==> flow/design.v <==
module gen_chooser_v2 #(
  parameter integer XLEN = 4,
  parameter integer WAYS = 7,
  parameter integer LOGN = $clog2(WAYS)
) (
  input  CLK,
  input  [WAYS*XLEN-1:0] src,
  input  [LOGN-1:0] select,
  output [XLEN-1:0] result
);
  reg [WAYS*XLEN-1:0] r_src;
  reg [LOGN-1:0] r_select;
  reg [XLEN-1:0] nxt;
  integer i;
  always @(*) begin
    nxt = 0;
    for (i = 0; i < WAYS; i = i + 1)
      if (r_select == i) nxt = r_src[i*XLEN +: XLEN];
  end
  reg [XLEN-1:0] r_result;
  assign result = r_result;
  always @(posedge CLK) begin
    r_src <= src;
    r_select <= select;
    r_result <= nxt;
  end
endmodule
# From RTL to reports: gen_chooser_v2
# What the tools print for gen_chooser_v2, step after step.
# Line numbers count from 1 in the design file above.
# Operators: Yosys type, input widths -> output width; for muxes data width and select width s.
# Cell names lack the library's common part.
# A cell with n/a has no value.
[design] design="gen_chooser_v2" clock="CLK" cell_library="sky130hd" corner="tt_025C_1v80"

# After elaboration
# Source: Yosys, flattened and elaborated, memories not mapped. Widths are those after wreduce; folded enables and synchronous resets count as part of the registers. Registers that Yosys merges into a memory's read port (data or address) are not register bits. Print and check cells do not count. Equal cells are merged and count once.
[op_classes] bitwise=0 add_sub_neg=0 n_mux=7 n_eq=6 n_div=0 compare=0 n_reduce_logical=1 n_mul=0 shift=0
[ops] cell="$mux 4" n=7
[ops] cell="$eq 3x3->1 const B" n=3
[ops] cell="$eq 3x2->1 const B" n=2
[ops] cell="$eq 3x1->1 const B" n=1
[ops] cell="$logic_not 3->1" n=1
[bits] reg_bits=35 wordCells=17 mem_bits_rw=0 input_bits=32 clocked_rd_ports_x_width=0 n_memories=0 latch_bits=0 out_inout_bits=4 mem_bits_ro=0

# Longest topological paths
# Longest topological path by Yosys (ltp), each cell counted once; first at word level (registers and memories cut), then after technology mapping (sequential cells cut; the memories' decode and read muxes count).
[depth] ltp_word=8 ABC_AREA=0 depth_mapped=6

# Netlist
# Source: synth_stat.txt of the flow (Yosys; design flattened, memories mapped). It holds for the ABC_AREA given above (unset counts as 0); a run with the other value may have another netlist.
# The area totals of this step are shown rounded.
[types] cell="dfxtp_1" n=35 area_total_um2=700.672
[types] cell="mux4_2" n=2 area_total_um2=45.043
[types] cell="mux2i_1" n=4 area_total_um2=40.038
[types] cell="mux2_1" n=2 area_total_um2=22.522
[types] cell="a21oi_1" n=4 area_total_um2=20.019
[types] cell="nor2_1" n=5 area_total_um2=18.768
[types] cell="a221oi_1" n=2 area_total_um2=17.517
[types] cell="o2bb2ai_1" n=2 area_total_um2=17.517
[types] cell="o32ai_1" n=2 area_total_um2=17.517
[types] cell="buf_8" n=1 area_total_um2=15.014
[types] cell="nand2b_1" n=2 area_total_um2=12.512
[types] cell="and3_4" n=1 area_total_um2=11.261
[types] cell="buf_6" n=1 area_total_um2=11.261
[types] cell="nand2_1" n=2 area_total_um2=7.507
[types] cell="or2b_1" n=1 area_total_um2=7.507
[types] cell="a31oi_1" n=1 area_total_um2=6.256
[types] cell="nor2b_1" n=1 area_total_um2=6.256
[types] cell="buf_2" n=1 area_total_um2=5.005
# Other cell types: 2; their cells: 2.
[mapped] buf_cells=3 yosys_area_um2=990 flip_flops=35 stdcells=71

# Timing after synthesis
# Source: OpenSTA report_checks on the synthesized netlist (no wires, ideal clock, input and output delay 20% of the period each), path of least setup slack; recovery checks are left aside. Register names are those of the netlist, which keeps one name where synthesis merged equal registers.
[synth_timing] path_kind="register -> register" from="register r_select[0]" to="register r_result[0]" period_ns=1.44 t_arrival_ns=1.033 required_time_ns=1.319 setup_ns=0.121 driving_pins=5 slack_ns=0.286 path_delay_ns=1.154 period_less_setup_slack_ns=1.154
# "path_delay_ns" is the arrival time less input delay plus setup time.
# "driving_pins" counts driving pins, that of a launching flip-flop among them; a cell with two outputs on the path counts twice.
# "period_less_setup_slack_ns" is the clock period less the worst setup slack; recovery checks do not enter. This is arithmetic on one report: input and output delays are still those of the set period (20% each).
# Between the ends stands the longest chain of elaborated cells between them, by number of cells; it is not shown to be the way that was timed. Of several equally long chains one is given.
# Each line given opens the expression or statement behind the cell; cells for indexed reads and writes are added by Yosys, which also makes memories of some case tables.
[synth_between] path_cell_list="dfxtp_1 -> buf_6 -> mux4_2 -> nor2_1 -> a21oi_1" elab_chain_cells=8
[synth_rtl] item="start: declaration" line_no=12 text="reg [LOGN-1:0] r_select;"
[synth_rtl] item="start: assignment" line_no=24 text="r_select <= select;"
[synth_rtl] item="$logic_not 3->1" line_no=18 text="if (r_select == i) nxt = r_src[i*XLEN +: XLEN];"
[synth_rtl] item="$mux 4 x7" line_no=18
[synth_rtl] item="end: assignment" line_no=25 text="r_result <= nxt;"
[synth_rtl] item="end: declaration" line_no=20 text="reg [XLEN-1:0] r_result;"

# Worst path after layout
# Path of least setup slack in the final report of run A (OpenROAD, finished layout, wires in). Where an end is a register, its clock arrival counts in the times.
[layout_timing] path_kind="register -> register" from="register r_select[0]" to="register r_result[1]" t_arrival_ns=1.48 setup_ns=0.10 driving_pins=5 slack_ns=0.18 period_ns=1.44 required_time_ns=1.66
# Between the ends stands the longest chain of elaborated cells between them, by number of cells; it is not shown to be the way that was timed. Of several equally long chains one is given.
[layout_between] path_cell_list="dfxtp_2 -> buf_4 -> mux2_1 -> o32ai_1 -> nor2_1" elab_chain_cells=8
[layout_rtl] item="start: declaration" line_no=12 text="reg [LOGN-1:0] r_select;"
[layout_rtl] item="start: assignment" line_no=24 text="r_select <= select;"
[layout_rtl] item="$logic_not 3->1" line_no=18 text="if (r_select == i) nxt = r_src[i*XLEN +: XLEN];"
[layout_rtl] item="$mux 4 x7" line_no=18
[layout_rtl] item="end: assignment" line_no=25 text="r_result <= nxt;"
[layout_rtl] item="end: declaration" line_no=20 text="reg [XLEN-1:0] r_result;"

Wiki page: gen_chooser_v2 / flow data

Measured results for gen_chooser_v2: 3 stored runs of the Yosys and OpenROAD flow on sky130hd. The settings differ; the order carries no meaning. The constraints put input and output delay at 20% of the set period each and load the outputs with 0.01 pF.
By "period_less_ws_ns" is meant the clock period of the run minus its worst setup slack. This is arithmetic on one report: input and output delays are still those of the set period (20% each).
"critical_path_time_ns" is the time allowed to the run's worst setup path (the clock period less input and output delay, where it has them) less its slack. Clock arrival times count: a late capture clock shortens it, a late launch clock lengthens it.
"power.total_uw" rests on the timing tool's default activity at the inputs, not on a simulated workload.
Results are given in rounded form.

[flow] run A: files
==> flow/run.sh <==
#!/bin/bash
# the make line also repeats the synthesis and layout settings of config.mk as NAME=value (left out here)
make -C /OpenROAD-flow-scripts/flow DESIGN_CONFIG=/design/flow/config.mk WORK_HOME=/design/flow/orfs CLKGATE_MAP_FILE= finish
==> flow/config.mk <==
export PLATFORM = sky130hd
export DESIGN_NAME = gen_chooser_v2
export DESIGN_NICKNAME = gen_chooser_v2
export VERILOG_FILES = /design/flow/design.v
export SDC_FILE = /design/flow/constraint.sdc
export NUM_CORES = 4
export LEC_CHECK = 0
export CAP_MARGIN = 20
export CORE_MARGIN = 2
export CORE_UTILIZATION = 40
export SLEW_MARGIN = 20
==> flow/constraint.sdc <==
create_clock -name core_clock -period 1.44 [get_ports {CLK}]
set_input_delay 0.2880 -clock core_clock [delete_from_list [all_inputs] [get_ports {CLK}]]
set_output_delay 0.2880 -clock core_clock [all_outputs]
set_load 0.01 [all_outputs]

[flow] run A: metrics
[metrics] period_less_ws_ns = 1.260
[metrics] power.total_uw = 1800
[metrics] post_route_stdcell_area_um2 = 1400
[metrics] design.die.area_um2 = 2900
[metrics] setup_tns_ns = 0.000
[metrics] fin_util_pct = 59
[metrics] hold_ws_ns = 0.38
[metrics] critical_path_time_ns = 1.26
[metrics] worst_path_kind = register -> register
[metrics] worst_setup_slack_ns = 0.18
[metrics] yosys_chip_area_um2 = 990

[flow] run B: files
==> flow/run.sh <==
#!/bin/bash
# the make line also repeats the synthesis and layout settings of config.mk as NAME=value (left out here)
make -C /OpenROAD-flow-scripts/flow DESIGN_CONFIG=/design/flow/config.mk WORK_HOME=/design/flow/orfs CLKGATE_MAP_FILE= finish
==> flow/config.mk <==
export PLATFORM = sky130hd
export DESIGN_NAME = gen_chooser_v2
export DESIGN_NICKNAME = gen_chooser_v2
export VERILOG_FILES = /design/flow/design.v
export SDC_FILE = /design/flow/constraint.sdc
export NUM_CORES = 4
export LEC_CHECK = 0
export ABC_AREA = 0
export CAP_MARGIN = 25
export CELL_PAD_IN_SITES_DETAIL_PLACEMENT = 2
export CORE_MARGIN = 2
export CORE_UTILIZATION = 42
export CTS_CLUSTER_SIZE = 39
export GPL_ROUTABILITY_DRIVEN = 0
export HOLD_SLACK_MARGIN = 0.11
export PLACE_DENSITY = 0.39
export SLEW_MARGIN = 20
==> flow/constraint.sdc <==
create_clock -name core_clock -period 0.793 [get_ports {CLK}]
set_input_delay 0.1586 -clock core_clock [delete_from_list [all_inputs] [get_ports {CLK}]]
set_output_delay 0.1586 -clock core_clock [all_outputs]
set_load 0.01 [all_outputs]

[flow] run B: no results, clock tree synthesis failed with DPL-0033

[flow] run C: files
==> flow/run.sh <==
#!/bin/bash
# the make line also repeats the synthesis and layout settings of config.mk as NAME=value (left out here)
make -C /OpenROAD-flow-scripts/flow DESIGN_CONFIG=/design/flow/config.mk WORK_HOME=/design/flow/orfs CLKGATE_MAP_FILE= finish
==> flow/config.mk <==
export PLATFORM = sky130hd
export DESIGN_NAME = gen_chooser_v2
export DESIGN_NICKNAME = gen_chooser_v2
export VERILOG_FILES = /design/flow/design.v
export SDC_FILE = /design/flow/constraint.sdc
export NUM_CORES = 4
export LEC_CHECK = 0
export CAP_MARGIN = 5
export CORE_ASPECT_RATIO = 1.63
export CORE_MARGIN = 2
export CORE_UTILIZATION = 18
export MAX_ROUTING_LAYER = met5
export MIN_ROUTING_LAYER = met2
export PLACE_DENSITY_LB_ADDON = 0.09
export SLEW_MARGIN = 20
export TNS_END_PERCENT = 60
==> flow/constraint.sdc <==
create_clock -name core_clock -period 1.37 [get_ports {CLK}]
set_input_delay 0.2740 -clock core_clock [delete_from_list [all_inputs] [get_ports {CLK}]]
set_output_delay 0.2740 -clock core_clock [all_outputs]
set_load 0.01 [all_outputs]

[flow] run C: metrics
[metrics] period_less_ws_ns = 1.241
[metrics] power.total_uw = 2000
[metrics] post_route_stdcell_area_um2 = 1500
[metrics] design.die.area_um2 = 6100
[metrics] setup_tns_ns = 0.000
[metrics] fin_util_pct = 28
[metrics] hold_ws_ns = 0.43
[metrics] critical_path_time_ns = 1.24
[metrics] worst_path_kind = register -> register
[metrics] worst_setup_slack_ns = 0.13
[metrics] yosys_chip_area_um2 = 990
